==> flow/design.v <==
module pp_row #(parameter N = 4) (
  input wire [N-1:0] a,
  input wire sel,
  input wire [N-1:0] pin,
  output wire [N:0] pout
);
  assign pout = pin + (a & {N{sel}});
endmodule
module gen_times #(
  parameter integer WD = 20
) (
  input CLK,
  input [WD-1:0] i_op_a,
  input [WD-1:0] i_op_b,
  output reg [2*WD-1:0] o_q
);
  reg [WD-1:0] op_a_reg;
  always @(posedge CLK)
    op_a_reg <= i_op_a;
  reg [WD-1:0] op_b_reg;
  always @(posedge CLK)
    op_b_reg <= i_op_b;
  wire [WD:0] nd [0:WD];
  wire [WD-1:0] low;
  assign nd[0] = 0;
  genvar ii;
  generate
    for (ii = 0; ii < WD; ii = ii + 1) begin : g_bit
      pp_row #(.N(WD)) el (.a(op_a_reg), .sel(op_b_reg[ii]), .pin(nd[ii][WD:1]), .pout(nd[ii+1]));
      assign low[ii] = nd[ii+1][0];
    end
  endgenerate
  always @(posedge CLK)
    o_q <= {nd[WD][WD:1], low};
endmodule
# [Tool chain data of gen_times]
# Tool output for the design above, in the order of the flow.
# Lines are those of the file above, counted from 1.
# Operators carry their Yosys type and port widths (W data, S select, Z words).
# Library cell names are shortened.
# Not given: --
[design] top="gen_times" clock="CLK" cell_library="sky130hd" lib_corner="tt_025C_1v80"

# [Word level]
# Yosys after proc, flatten, opt, wreduce and memory -nomap, before mapping. Enables and synchronous resets that opt folds into registers are not counted as muxes. Memory bits, and registers merged into a memory's read port (data or address), are not among the register bits. Print and check cells are not counted. Equal cells are merged and count once.
[word_totals] out_inout_bits=40 inputBits=41 register_bits=80
[classes] n_logic=20 n_addsub=19
[ops] cell="$and A20 B20 Y20" n=20
[ops] cell="$add A20 B21 Y21" n=18
[ops] cell="$add A19 B21 Y21" n=1

# [Depth]
# Longest topological path by Yosys (ltp), each cell counted once; first at word level (registers and memories cut), then after technology mapping (sequential cells cut; the memories' decode and read muxes count).
[depth] word_depth=20 ABC_AREA=0 mapped_depth=117

# [Netlist]
# Yosys stat after the flow's synthesis: flattened, memories mapped to cells. It holds for the ABC_AREA given above (unset counts as 0); a run with the other value may have another netlist.
# The area totals of this step are shown rounded.
[synth_totals] mapped_area_um2=21000 ff_cells=80 buffers=93 sequential_area_um2=1600 cell_count=2865
[types] cell_type="ha_1" n=379 area_total_um2=4.74E+03
[types] cell_type="and2_1" n=388 area_total_um2=2.43E+03
[types] cell_type="xnor2_1" n=225 area_total_um2=1970.64
[types] cell_type="dfxtp_1" n=80 area_total_um2=1.6E+03
[types] cell_type="a21oi_1" n=267 area_total_um2=1.34E+03
[types] cell_type="a21o_1" n=149 area_total_um2=1.12E+03
[types] cell_type="xor2_1" n=77 area_total_um2=674.397
[types] cell_type="nor2_1" n=168 area_total_um2=630.605
[types] cell_type="inv_1" n=151 area_total_um2=566.794
[types] cell_type="nand2_1" n=148 area_total_um2=555.533
[types] cell_type="fa_1" n=19 area_total_um2=380.365
[types] cell_type="o21a_1" n=49 area_total_um2=367.853
[types] cell_type="o21ai_0" n=72 area_total_um2=360.346
[types] cell_type="o21bai_1" n=47 area_total_um2=352.838
[types] cell_type="clkbuf_1" n=92 area_total_um2=345.331
[types] cell_type="o21ai_1" n=66 area_total_um2=330.317
[types] cell_type="nor2b_1" n=46 area_total_um2=287.776
[types] cell_type="nand2b_1" n=38 area_total_um2=237.728
# Not listed: further types 56, cells in them 404.
# By module: a second synthesis without flattening, with its own total; a netlist apart from the flattened one above.
[hier_totals] cells_unflattened=3821 hier_area_um2=27000
# Rows give one instance, submodules left out.
[modules] module="pp_row #(N=20)" area_um2=1300 n_inst=20 cells=187
[modules] module="gen_times" area_um2=1600 n_inst=1 cells=81

# [Path before layout]
# Source: OpenSTA report_checks on the synthesized netlist (no wires, ideal clock, input and output delay 20% of the period each), path of least setup slack; recovery checks are left aside. Register names are those of the netlist, which keeps one name where synthesis merged equal registers.
[synth_path] kind="flip-flop to flip-flop" from="register op_a_reg[1]" to="register o_q[39]" launch_ns=0.000 setup_ns=0.124 setup_slack_ns=5.050 arrival_ns=19.926 clock_period_ns=25.1 stages=111 required_ns=24.976 path_delay_ns=20.050 period_less_setup_slack_ns=20.05
# "path_delay_ns" is the arrival time less input delay plus setup time.
# "stages": output pins that drive a net of the path, with the launching flip-flop's if there is one; two outputs of one cell count as two.
# "period_less_setup_slack_ns" is the clock period less the worst setup slack; recovery checks do not enter. This is arithmetic on one report: input and output delays are still those of the set period (20% each).
# Between the ends stands the longest chain of elaborated cells between them, by number of cells; it is not shown to be the way that was timed. Of several equally long chains one is given.
# A line is the first line of the expression or statement that the cell stems from. Yosys adds cells for indexed reads and writes and turns some case tables into memories.
[synth_via] cell_sequence="dfxtp_1 > clkbuf_1 > and2_1 > ha_1 > inv_1 > fa_1 > nor2b_1 > o21a_1 > o21ai_1 > nand2b_1 > a21oi_1 > xnor2_1 > ha_1 > o21ai_0 > inv_1 > a21oi_1 > o21ba_2 > o21ai_0 > (+75 left out) > ha_1 > a21o_1 > nor3_1 > a41oi_1 > nor2_1 > xnor2_1 > ha_1 > and3_1 > o21ai_0 > nand3b_1 > a31oi_1 > a21oi_1 > xor2_1 > ha_1 > a21oi_1 > o211ai_1 > a31oi_1 > o21ai_1" elab_chain_len=20 cells_between=39 cone_lines=1 cone_classes="19 x add/sub; 20 x logic"
[synth_lines] item="start: declaration" line_no=17 text="reg [WD-1:0] op_a_reg;"
[synth_lines] item="start: assignment" line_no=19 text="op_a_reg <= i_op_a;"
[synth_lines] item="$and A20 B20 Y20" line_no=7 text="assign pout = pin + (a & {N{sel}});"
[synth_lines] item="$add A19 B21 Y21" line_no=7
[synth_lines] item="$add A20 B21 Y21 (18 in a row)" line_no=7
[synth_lines] item="end: assignment" line_no=34 text="o_q <= {nd[WD][WD:1], low};"
[synth_lines] item="end: declaration" line_no=15 text="output reg [2*WD-1:0] o_q"

# [Path in the finished layout]
# Path of least setup slack in the final report of run 1 (OpenROAD, finished layout, wires in). Where an end is a register, its clock arrival counts in the times.
[layout_path] kind="flip-flop to flip-flop" from="register op_a_reg[1]" to="register o_q[38]" setup_ns=0.07 clock_period_ns=21.1 stages=106 required_ns=21.43 setup_slack_ns=-0.17 launch_ns=0.41 arrival_ns=21.60
# Between the ends stands the longest chain of elaborated cells between them, by number of cells; it is not shown to be the way that was timed. Of several equally long chains one is given.
[layout_via] cell_sequence="dfxtp_4 > and2_4 > ha_4 > inv_1 > fa_2 > nor2b_1 > o21a_1 > o21ai_2 > nand2b_1 > a21oi_2 > xnor2_2 > ha_1 > o21ai_1 > inv_1 > a21oi_2 > o21ba_4 > o21ai_2 > xor2_1 > (+70 left out) > ha_2 > a21o_1 > nor3_2 > a41oi_2 > nor2_1 > xnor2_1 > ha_1 > and3_4 > o21ai_2 > nand3b_1 > a31oi_4 > a21oi_4 > or4b_1 > nand3_2 > ha_1 > o21a_1 > o22ai_2 > xnor2_1" elab_chain_len=20 cells_between=39 cone_lines=1 cone_classes="19 x add/sub; 20 x logic"
[layout_lines] item="start: declaration" line_no=17 text="reg [WD-1:0] op_a_reg;"
[layout_lines] item="start: assignment" line_no=19 text="op_a_reg <= i_op_a;"
[layout_lines] item="$and A20 B20 Y20" line_no=7 text="assign pout = pin + (a & {N{sel}});"
[layout_lines] item="$add A19 B21 Y21" line_no=7
[layout_lines] item="$add A20 B21 Y21 (18 in a row)" line_no=7
[layout_lines] item="end: assignment" line_no=34 text="o_q <= {nd[WD][WD:1], low};"
[layout_lines] item="end: declaration" line_no=15 text="output reg [2*WD-1:0] o_q"

# Design gen_times on sky130hd. What follows are 3 stored runs of the flow, each under its own settings; their order means nothing. The constraints put input and output delay at 20% of the set period each and load the outputs with 0.01 pF.
# By "timing.achieved_period_ns" is meant the clock period of the run minus its worst setup slack. This is arithmetic on one report: input and output delays are still those of the set period (20% each).
# By "timing.worst_path_ns" is meant the share of the clock period that the worst setup path is allowed (20% is reserved at inputs, 20% at outputs), minus its slack. Clock arrival times at its registers enter into it.
# Measured values are rounded.
run="run 1" settings period_ns=21.1 CORE_UTILIZATION=26 SETUP_SLACK_MARGIN=-1.09 PLACE_DENSITY_LB_ADDON=0.05 CELL_PAD_IN_SITES_GLOBAL_PLACEMENT=0 CELL_PAD_IN_SITES_DETAIL_PLACEMENT=2 GPL_TIMING_DRIVEN=0 CTS_CLUSTER_SIZE=88 CTS_CLUSTER_DIAMETER=202 MAX_ROUTING_LAYER="met4" CAP_MARGIN=20 CORE_MARGIN=2 SLEW_MARGIN=20
run="run 1" results synth_chip_area_um2=21000 timing.worst_path_ns=21.27 path_kind="flip-flop to flip-flop" finalUtil_pct=32 total_die_area_um2=84000 timing.achieved_period_ns=21.271 holdWs_ns=0.70 final_setup_ws_ns=-0.17
run="run 2" settings period_ns=25.1 CAP_MARGIN=20 CORE_MARGIN=2 CORE_UTILIZATION=40 SLEW_MARGIN=20
run="run 2" results total_die_area_um2=55000 holdWs_ns=0.80 timing.achieved_period_ns=22.813 final_setup_ws_ns=2.3 finalUtil_pct=44 timing.worst_path_ns=22.81 path_kind="flip-flop to flip-flop" synth_chip_area_um2=21000
run="run 3" settings period_ns=18.5 CORE_UTILIZATION=64 SETUP_SLACK_MARGIN=5.0 PLACE_DENSITY=0.92 CELL_PAD_IN_SITES_GLOBAL_PLACEMENT=2 CELL_PAD_IN_SITES_DETAIL_PLACEMENT=2 TNS_END_PERCENT=65 ABC_AREA=0 SLEW_MARGIN=0 CAP_MARGIN=20 CORE_MARGIN=2
run="run 3" outcome="unfinished; error GPL-0301 in placement"
